==> flow/design.v <==
module sync_mem_n #(
   parameter NREGS = 48,
   parameter W = 32,
   parameter IDX_W = $clog2(NREGS),
   parameter NB = W / 8
) (
   input wire clk_i,
   input wire [NB-1:0] byte_en,
   input wire [IDX_W-1:0] write_addr,
   input wire [W-1:0] write_data,
   input wire [IDX_W-1:0] rd_addr,
   output wire [W-1:0] dout
);
   reg [W-1:0] bank [0:NREGS-1];
   integer i;
   always @(posedge clk_i) begin
      for (i = 0; i < NB; i = i + 1)
         if (byte_en[i]) bank[write_addr][8*i +: 8] <= write_data[8*i +: 8];
   end
   assign dout = bank[rd_addr];
endmodule
-- Reports on sync_mem_n
The steps from the RTL of sync_mem_n to its reports follow in flow order.
Lines are those of the file above, counted from 1.
A cell with n/a has no value.
- design top: sync_mem_n
- clock input: clk_i
- standard-cell library: sky130hd
- library corner: tt_025C_1v80

-- After elaboration
Source: Yosys, flattened and elaborated, memories not mapped. Widths are those after wreduce; folded enables and synchronous resets count as part of the registers. Registers that Yosys merges into a memory's read port (data or address) are not register bits. Print and check cells do not count. Equal cells are merged and count once.
Yosys's memory passes give these memory sizes; they may raise the number of words (mostly to a power of two), join words into wider ones and drop unused or constant bits.
- output and inout bits: 32
- memory bits (writable): 1536
- memory cells at 1
- noted flip-flop bits (word level): 0
- input port bits at 49
- noted word-level cells: 9
- mux-type cells: 8
- memories (memory ; words ; bits a word ; rd ports ; wr ports ; line ; RTL):
    bank ; 48 ; 32 ; 1 ; 1 ; 14 ; reg [W-1:0] bank [0:NREGS-1];
- operators with widths (operator ; count):
    two-way mux 32 bit ; 4
    two-way mux 1 bit ; 4

-- Depth
Depth = most cells in a row (Yosys ltp): at word level without a register or memory, in the mapped netlist without a sequential cell, where the memories' decode and read muxes count.
- word-level depth: 1
- noted ABC_AREA: 0
- noted mapped depth: 9
- gate-level depth less buffers: 5

-- After synthesis
Yosys stat after the flow's synthesis: flattened, memories mapped to cells. It holds for the ABC_AREA given above (unset counts as 0); a run with the other value may have another netlist.
Totals and module areas in this step are rounded.
- standard cells after synthesis: 3083
- flip-flops: 1536
- noted area of sequential cells: 46000 um2
- buffer cells: 195
- synthesis area at 61000 um2
- cell types (cell type ; count ; area in all (um2)):
    sky130_fd_sc_hd__edfxtp_1 ; 1536 ; 4.61E+04
    sky130_fd_sc_hd__mux2i_1 ; 512 ; 5.12E+03
    sky130_fd_sc_hd__mux4_2 ; 160 ; 3.6E+03
    sky130_fd_sc_hd__and2_1 ; 193 ; 1.21E+03
    sky130_fd_sc_hd__a22oi_1 ; 128 ; 960.922
    sky130_fd_sc_hd__a221oi_1 ; 64 ; 560.538
    sky130_fd_sc_hd__a22o_1 ; 64 ; 560.538
    sky130_fd_sc_hd__o41ai_2 ; 32 ; 520.499
    sky130_fd_sc_hd__buf_6 ; 36 ; 405.389
    sky130_fd_sc_hd__clkbuf_1 ; 93 ; 349.085
    sky130_fd_sc_hd__a21oi_1 ; 64 ; 320.307
    sky130_fd_sc_hd__o22ai_1 ; 32 ; 200.192
    sky130_fd_sc_hd__nor2_1 ; 51 ; 191.434
    sky130_fd_sc_hd__buf_4 ; 23 ; 172.666
    sky130_fd_sc_hd__nand2_1 ; 35 ; 131.376
    sky130_fd_sc_hd__buf_2 ; 22 ; 110.106
    sky130_fd_sc_hd__buf_1 ; 20 ; 75.072
    sky130_fd_sc_hd__nand3b_1 ; 5 ; 37.536
Not listed: further types 7, cells in them 13.

-- Path before layout
Source: OpenSTA report_checks on the synthesized netlist (no wires, ideal clock, input and output delay 20% of the period each), path of least setup slack; recovery checks are left aside. Register names are those of the netlist, which keeps one name where synthesis merged equal registers.
- kind: input-to-output
- start point: input port rd_addr[1]
- end point: output port dout[0]
- time at the first pin: 654 ps
- stages on the path at 6
- path buffers: 2
- external input delay at 654 ps
- noted external output delay: 654 ps
- path slack at 394 ps
- required time at 2616 ps
- delay of the path at 1568 ps
- data arrival time at 2222 ps
- clock period at 3270 ps
- period reached after synthesis: 2876 ps
"delay of the path" is the arrival time less input delay plus setup time.
At an output port there is no setup time.
"stages on the path" counts driving pins, that of a launching flip-flop among them; a cell with two outputs on the path counts twice.
"period reached after synthesis" is the clock period less the worst setup slack; recovery checks do not enter. This is arithmetic on one report: input and output delays are still those of the set period (20% each).
Between the ends stands the longest chain of elaborated cells between them, by number of cells; it is not shown to be the way that was timed. Of several equally long chains one is given.
Each line given opens the expression or statement behind the cell; cells for indexed reads and writes are added by Yosys, which also makes memories of some case tables.
A memory read counts as a cell of the chain, while the word-level depth stops at memories.
- path through: sky130_fd_sc_hd__clkbuf_1 -> sky130_fd_sc_hd__buf_1 -> sky130_fd_sc_hd__mux4_2 -> sky130_fd_sc_hd__mux4_2 -> sky130_fd_sc_hd__nand2_1 -> sky130_fd_sc_hd__o41ai_2
- length of the longest elaborated chain: 1
- noted elaborated cells on any way between the ends: 1
- noted source lines of those cells: 1
- classes of those cells: memory: 1
- RTL lines, path after synthesis (element ; line ; RTL):
    from (decl) ; 11 ; input wire [IDX_W-1:0] rd_addr,
    memory read (48 x 32 bit) ; 14 ; reg [W-1:0] bank [0:NREGS-1];
    to (decl) ; 12 ; output wire [W-1:0] dout

-- Worst path after layout
Path of least setup slack in the final report of run 1 (OpenROAD, finished layout, wires in). Where an end is a register, its clock arrival counts in the times.
The report prints the path's times to 10 ps; the period is as set.
- kind: input-to-output
- start point: input port rd_addr[2]
- end point: output port dout[24]
- required time at 1300 ps
- stages on the path at 9
- clock period at 1620 ps
- noted external output delay: 320 ps
- data arrival time at 2880 ps
- time at the first pin: 320 ps
- path buffers: 5
- path slack at -1580 ps
- external input delay at 320 ps
Between the ends stands the longest chain of elaborated cells between them, by number of cells; it is not shown to be the way that was timed. Of several equally long chains one is given.
A memory read counts as a cell of the chain, while the word-level depth stops at memories.
- path through: sky130_fd_sc_hd__buf_4 -> sky130_fd_sc_hd__nor2b_1 -> sky130_fd_sc_hd__buf_4 -> sky130_fd_sc_hd__buf_4 -> sky130_fd_sc_hd__buf_2 -> sky130_fd_sc_hd__a22oi_2 -> sky130_fd_sc_hd__a21oi_1 -> sky130_fd_sc_hd__o41ai_4 -> sky130_fd_sc_hd__buf_2
- length of the longest elaborated chain: 1
- noted elaborated cells on any way between the ends: 1
- noted source lines of those cells: 1
- classes of those cells: memory: 1
- RTL lines, path after layout (element ; line ; RTL):
    from (decl) ; 11 ; input wire [IDX_W-1:0] rd_addr,
    memory read (48 x 32 bit) ; 14 ; reg [W-1:0] bank [0:NREGS-1];
    to (decl) ; 12 ; output wire [W-1:0] dout

==> runs of sync_mem_n <==
Module sync_mem_n, platform sky130hd: 3 stored runs of the flow (Yosys, OpenROAD) with differing settings, in no particular order. Input and output delays are each 20% of the period that was set; the output load is 0.01 pF.
"period reached" is the run's clock period less its worst setup slack. It is reckoned from that one timing run; input and output delays stay at 20% of the period that was set.
"time of the worst setup path" is the time allowed to the run's worst setup path (the clock period less input and output delay, where it has them) less its slack. Clock arrival times count: a late capture clock shortens it, a late launch clock lengthens it.
By "total power after layout" is meant OpenSTA's value without simulated activity: inputs other than the clock are taken to toggle once in ten clock periods, and the tool carries that through the logic.
"time of the worst setup path" is known to 10 ps.
Measured values are rounded.

Run 1

==> flow/run.sh <==
#!/bin/bash
# the make line also repeats the synthesis and layout settings of config.mk as NAME=value (left out here)
make -C /OpenROAD-flow-scripts/flow DESIGN_CONFIG=/design/flow/config.mk WORK_HOME=/design/flow/orfs CLKGATE_MAP_FILE= finish
==> flow/config.mk <==
export PLATFORM = sky130hd
export DESIGN_NAME = sync_mem_n
export DESIGN_NICKNAME = sync_mem_n
export VERILOG_FILES = /design/flow/design.v
export SDC_FILE = /design/flow/constraint.sdc
export NUM_CORES = 4
export LEC_CHECK = 0
export ABC_AREA = 0
export CAP_MARGIN = 20
export CELL_PAD_IN_SITES_DETAIL_PLACEMENT = 0
export CORE_ASPECT_RATIO = 1.01
export CORE_MARGIN = 2
export CORE_UTILIZATION = 46
export CTS_CLUSTER_DIAMETER = 119
export GPL_ROUTABILITY_DRIVEN = 1
export GPL_TIMING_DRIVEN = 0
export MAX_ROUTING_LAYER = met4
export PLACE_DENSITY_LB_ADDON = 0.25
export SLEW_MARGIN = 20
==> flow/constraint.sdc <==
create_clock -name core_clock -period 1.62 [get_ports {clk_i}]
set_input_delay 0.3240 -clock core_clock [delete_from_list [all_inputs] [get_ports {clk_i}]]
set_output_delay 0.3240 -clock core_clock [all_outputs]
set_load 0.01 [all_outputs]

Measured in run 1:
- time of the worst setup path: 2550 ps
- worst path kind: input-to-output
- total power after layout: 0.084 W
- noted the lowest setup slack: -1600 ps
- noted the standard-cell area of the final layout: 71000 um2
- smallest hold slack at 40 ps
- noted the final utilization: 54%
- Yosys chip area after synthesis: 61000 um2
- noted the summed negative setup slack: -45000 ps
- period reached at 3203 ps
- die outline area at 130000 um2

Run 2

==> flow/run.sh <==
#!/bin/bash
# the make line also repeats the synthesis and layout settings of config.mk as NAME=value (left out here)
make -C /OpenROAD-flow-scripts/flow DESIGN_CONFIG=/design/flow/config.mk WORK_HOME=/design/flow/orfs CLKGATE_MAP_FILE= finish
==> flow/config.mk <==
export PLATFORM = sky130hd
export DESIGN_NAME = sync_mem_n
export DESIGN_NICKNAME = sync_mem_n
export VERILOG_FILES = /design/flow/design.v
export SDC_FILE = /design/flow/constraint.sdc
export NUM_CORES = 4
export LEC_CHECK = 0
export CAP_MARGIN = 20
export CORE_MARGIN = 2
export CORE_UTILIZATION = 40
export SLEW_MARGIN = 20
==> flow/constraint.sdc <==
create_clock -name core_clock -period 3.27 [get_ports {clk_i}]
set_input_delay 0.6540 -clock core_clock [delete_from_list [all_inputs] [get_ports {clk_i}]]
set_output_delay 0.6540 -clock core_clock [all_outputs]
set_load 0.01 [all_outputs]

Measured in run 2:
- time of the worst setup path: 2000 ps
- worst path kind: input-to-output
- total power after layout: 0.042 W
- noted the lowest setup slack: -39 ps
- noted the standard-cell area of the final layout: 74000 um2
- smallest hold slack at 570 ps
- noted the final utilization: 49%
- Yosys chip area after synthesis: 61000 um2
- noted the summed negative setup slack: -160 ps
- period reached at 3309 ps
- die outline area at 160000 um2

Run 3

==> flow/run.sh <==
#!/bin/bash
# the make line also repeats the synthesis and layout settings of config.mk as NAME=value (left out here)
make -C /OpenROAD-flow-scripts/flow DESIGN_CONFIG=/design/flow/config.mk WORK_HOME=/design/flow/orfs CLKGATE_MAP_FILE= finish
==> flow/config.mk <==
export PLATFORM = sky130hd
export DESIGN_NAME = sync_mem_n
export DESIGN_NICKNAME = sync_mem_n
export VERILOG_FILES = /design/flow/design.v
export SDC_FILE = /design/flow/constraint.sdc
export NUM_CORES = 4
export LEC_CHECK = 0
export ABC_AREA = 0
export CAP_MARGIN = 20
export CELL_PAD_IN_SITES_GLOBAL_PLACEMENT = 3
export CORE_ASPECT_RATIO = 0.8
export CORE_MARGIN = 2
export CORE_UTILIZATION = 36
export CTS_CLUSTER_SIZE = 68
export GPL_TIMING_DRIVEN = 0
export HOLD_SLACK_MARGIN = 0.13
export MAX_ROUTING_LAYER = met4
export PLACE_DENSITY = 0.64
export SLEW_MARGIN = 20
==> flow/constraint.sdc <==
create_clock -name core_clock -period 2.08 [get_ports {clk_i}]
set_input_delay 0.4160 -clock core_clock [delete_from_list [all_inputs] [get_ports {clk_i}]]
set_output_delay 0.4160 -clock core_clock [all_outputs]
set_load 0.01 [all_outputs]

Measured in run 3:
- time of the worst setup path: 2490 ps
- worst path kind: input-to-output
- total power after layout: 0.067 W
- noted the lowest setup slack: -1200 ps
- noted the standard-cell area of the final layout: 72000 um2
- smallest hold slack at 220 ps
- noted the final utilization: 43%
- Yosys chip area after synthesis: 61000 um2
- noted the summed negative setup slack: -38000 ps
- period reached at 3321 ps
- die outline area at 170000 um2
